==> flow/design.v <==
module u_muxn_blk #(
    parameter NBITS = 24,
    parameter NIN = 4,
    parameter SEL_W = $clog2(NIN)
) (
    input  CLK,
    input  rst_n,
    input  [NIN*NBITS-1:0] in,
    input  [SEL_W-1:0] idx,
    output reg [NBITS-1:0] y
);
    always @(posedge CLK or negedge rst_n) begin
        if (!rst_n) begin
            y <= 0;
        end else begin
            y <= in[idx*NBITS +: NBITS];
        end
    end
endmodule
# --- Reports on u_muxn_blk ---
# What the tools print for u_muxn_blk, step after step.
# Lines are those of the file above, counted from 1.
# Operators: Yosys type, input widths -> output width; for muxes data width and select width s.
# Cell names lack the library's common part.
setup:
  top_module: "u_muxn_blk"
  clk_port: "CLK"
  cell_library: "sky130hd"
  corner: "tt_025C_1v80"

# --- Word level ---
# Yosys after proc, flatten, opt, wreduce and memory -nomap, before mapping. Enables and synchronous resets that opt folds into registers are not counted as muxes. Memory bits, and registers merged into a memory's read port (data or address), are not among the register bits. Print and check cells are not counted. Equal cells are merged and count once.
word_totals:
  inputBits: 100
  reg_bits: 24
  out_inout_bits: 24
  elab_cells: 3
op_classes:
  n_shift: 1
  n_mul: 1
op_table:
  columns: ["operator", "count"]
  rows:
  - ["$shiftx 96x8->24", 1]
  - ["$mul 2x2->4 const B", 1]

# --- Longest topological paths ---
# Yosys ltp: most cells in a row. Word level: on the elaborated netlist, between registers, memories and ports. Mapped: between sequential cells and ports; inverters and the memories' decode and read muxes count.
logic_depth:
  depth_word: 2
  abc_area: 0
  depth_mapped: 3
  depth_no_buf: 1

# --- After synthesis ---
# Source: synth_stat.txt of the flow (Yosys; design flattened, memories mapped). It holds for the ABC_AREA given above (unset counts as 0); a run with the other value may have another netlist.
by_type:
  columns: ["cell", "count", "area_total_um2"]
  rows:
  - ["dfrtp_1", 24, 600.576]
  - ["mux4_2", 20, 450.432]
  - ["mux4_1", 4, 105.101]
  - ["buf_12", 2, 40.038]
  - ["buf_6", 1, 11.261]
  - ["buf_2", 2, 10.01]
  - ["clkbuf_1", 1, 3.754]
mapped:
  cell_count: 54
  flip_flops: 24
  buffers: 6
  seqArea_um2: 600.6
  area_um2: 1221.2

# --- Path before layout ---
# Source: OpenSTA report_checks on the synthesized netlist (no wires, ideal clock, input and output delay 20% of the period each), path of least setup slack; recovery checks are left aside. Register names are those of the netlist, which keeps one name where synthesis merged equal registers.
synth_path:
  path_kind: "input port to flip-flop"
  startpoint: "input port idx[0]"
  endpoint: "register y[10]"
  launch_ps: 274
  delay_ps: 874
  setup_slack_ps: 223
  driving_pins: 3
  arrival_ps: 1009
  path_buffers: 2
  tclk_ps: 1370
  period_less_setup_slack_ps: 1147
# "delay_ps" is the arrival time less input delay plus setup time.
# "driving_pins": output pins that drive a net of the path, with the launching flip-flop's if there is one; two outputs of one cell count as two.
# "period_less_setup_slack_ps" is the clock period less the worst setup slack; recovery checks do not enter. This is arithmetic on one report: input and output delays are still those of the set period (20% each).
# Between the ends stands the longest chain of elaborated cells between them, by number of cells; it is not shown to be the way that was timed. Of several equally long chains one is given.
# A line is the first line of the expression or statement that the cell stems from. Yosys adds cells for indexed reads and writes and turns some case tables into memories.
synth_via:
  path_cell_list: "buf_6 -> buf_12 -> mux4_2"
  elab_chain_len: 2
synth_rtl:
  columns: ["item", "line", "source"]
  rows:
  - ["start: declaration", 9, "input  [SEL_W-1:0] idx,"]
  - ["$mul 2x2->4", 16, "y <= in[idx*NBITS +: NBITS];"]
  - ["$shiftx 96x8->24", 16, null]
  - ["end: assignment", 14, "y <= 0;"]
  - ["end: assignment", 16, null]
  - ["end: declaration", 10, "output reg [NBITS-1:0] y"]

# --- Timing after layout ---
# From the final timing report of run 3: the path of least setup slack in the routed layout; clock arrival at registers is part of the times.
# The path's times are printed in steps of 10 ps; the period is the one set.
layout_path:
  path_kind: "flip-flop to output port"
  startpoint: "register y[1]"
  endpoint: "output port y[1]"
  launch_ps: 320
  arrival_ps: 1000
  tclk_ps: 1370
  setup_slack_ps: 100
  driving_pins: 2
  path_buffers: 1
layout_via:
  path_cell_list: "dfrtp_1 -> dlygate4sd2_1"
  elab_chain_len: 0
layout_rtl:
  columns: ["item", "line", "source"]
  rows:
  - ["start: declaration", 10, "output reg [NBITS-1:0] y"]
  - ["start: assignment", 14, "y <= 0;"]
  - ["start: assignment", 16, "y <= in[idx*NBITS +: NBITS];"]
  - ["end: declaration", 10, null]

Settings and measured results of 3 stored flow runs for module u_muxn_blk (sky130hd), not sorted in any way. The constraints put input and output delay at 20% of the set period each and load the outputs with 0.01 pF.
"timing.achieved_period_ps" = clock period - worst setup slack. The figure is calculated, with input and output delays left at 20% of the set period.
"worst_path_time_ps" means the part of the period allowed to the worst setup path (the constraints hold back 20% at inputs and 20% at outputs) less its slack; where the path has registers, the arrival times of their clocks count too.
By "fin_power_uw" is meant OpenSTA's value without simulated activity: inputs other than the clock are taken to toggle once in ten clock periods, and the tool carries that through the logic.
"worst_path_time_ps" is given in steps of 10 ps.

--- run 1 ---
==> flow/run.sh <==
#!/bin/bash
# the make line also repeats the synthesis and layout settings of config.mk as NAME=value (left out here)
make -C /OpenROAD-flow-scripts/flow DESIGN_CONFIG=/design/flow/config.mk WORK_HOME=/design/flow/orfs CLKGATE_MAP_FILE= finish
==> flow/config.mk <==
export PLATFORM = sky130hd
export DESIGN_NAME = u_muxn_blk
export DESIGN_NICKNAME = u_muxn_blk
export VERILOG_FILES = /design/flow/design.v
export SDC_FILE = /design/flow/constraint.sdc
export NUM_CORES = 4
export LEC_CHECK = 0
export ABC_AREA = 0
export CAP_MARGIN = 5
export CELL_PAD_IN_SITES_GLOBAL_PLACEMENT = 2
export CORE_ASPECT_RATIO = 0.6
export CORE_MARGIN = 2
export CORE_UTILIZATION = 44
export CTS_CLUSTER_SIZE = 31
export GPL_TIMING_DRIVEN = 0
export HOLD_SLACK_MARGIN = 0.18
export MIN_ROUTING_LAYER = met1
export PLACE_DENSITY_LB_ADDON = 0.19
export SETUP_SLACK_MARGIN = 0.08
export SLEW_MARGIN = 0
export TNS_END_PERCENT = 30
==> flow/constraint.sdc <==
create_clock -name core_clock -period 0.768 [get_ports {CLK}]
set_input_delay 0.1536 -clock core_clock [delete_from_list [all_inputs] [get_ports {CLK}]]
set_output_delay 0.1536 -clock core_clock [all_outputs]
set_load 0.01 [all_outputs]

==> results, as YAML <==
outcome: "did not finish, placement stopped with FLW-0024"

--- run 2 ---
==> flow/run.sh <==
#!/bin/bash
# the make line also repeats the synthesis and layout settings of config.mk as NAME=value (left out here)
make -C /OpenROAD-flow-scripts/flow DESIGN_CONFIG=/design/flow/config.mk WORK_HOME=/design/flow/orfs CLKGATE_MAP_FILE= finish
==> flow/config.mk <==
export PLATFORM = sky130hd
export DESIGN_NAME = u_muxn_blk
export DESIGN_NICKNAME = u_muxn_blk
export VERILOG_FILES = /design/flow/design.v
export SDC_FILE = /design/flow/constraint.sdc
export NUM_CORES = 4
export LEC_CHECK = 0
export CAP_MARGIN = 20
export CELL_PAD_IN_SITES_DETAIL_PLACEMENT = 0
export CORE_ASPECT_RATIO = 1.12
export CORE_MARGIN = 9
export CORE_UTILIZATION = 47
export CTS_CLUSTER_DIAMETER = 71
export GPL_ROUTABILITY_DRIVEN = 1
export SETUP_SLACK_MARGIN = 0.21
export SLEW_MARGIN = 10
==> flow/constraint.sdc <==
create_clock -name core_clock -period 0.957 [get_ports {CLK}]
set_input_delay 0.1914 -clock core_clock [delete_from_list [all_inputs] [get_ports {CLK}]]
set_output_delay 0.1914 -clock core_clock [all_outputs]
set_load 0.01 [all_outputs]

==> results, as YAML <==
outcome: "did not finish, placement stopped with GPL-0301"

--- run 3 ---
==> flow/run.sh <==
#!/bin/bash
# the make line also repeats the synthesis and layout settings of config.mk as NAME=value (left out here)
make -C /OpenROAD-flow-scripts/flow DESIGN_CONFIG=/design/flow/config.mk WORK_HOME=/design/flow/orfs CLKGATE_MAP_FILE= finish
==> flow/config.mk <==
export PLATFORM = sky130hd
export DESIGN_NAME = u_muxn_blk
export DESIGN_NICKNAME = u_muxn_blk
export VERILOG_FILES = /design/flow/design.v
export SDC_FILE = /design/flow/constraint.sdc
export NUM_CORES = 4
export LEC_CHECK = 0
export CAP_MARGIN = 20
export CORE_MARGIN = 2
export CORE_UTILIZATION = 40
export SLEW_MARGIN = 20
==> flow/constraint.sdc <==
create_clock -name core_clock -period 1.37 [get_ports {CLK}]
set_input_delay 0.2740 -clock core_clock [delete_from_list [all_inputs] [get_ports {CLK}]]
set_output_delay 0.2740 -clock core_clock [all_outputs]
set_load 0.01 [all_outputs]

==> results, as YAML <==
results:
  yosys_chip_area_um2: 1221.2
  total_die_area_um2: 3511.2
  final_cell_area_um2: 2501.2
  utilization_pct: 84.0
  fin_ws_ps: 98
  total_negative_slack_ps: 0
  fin_power_uw: 1798
  timing.achieved_period_ps: 1272
  worst_path_time_ps: 1000
  path_kind: "flip-flop to output port"
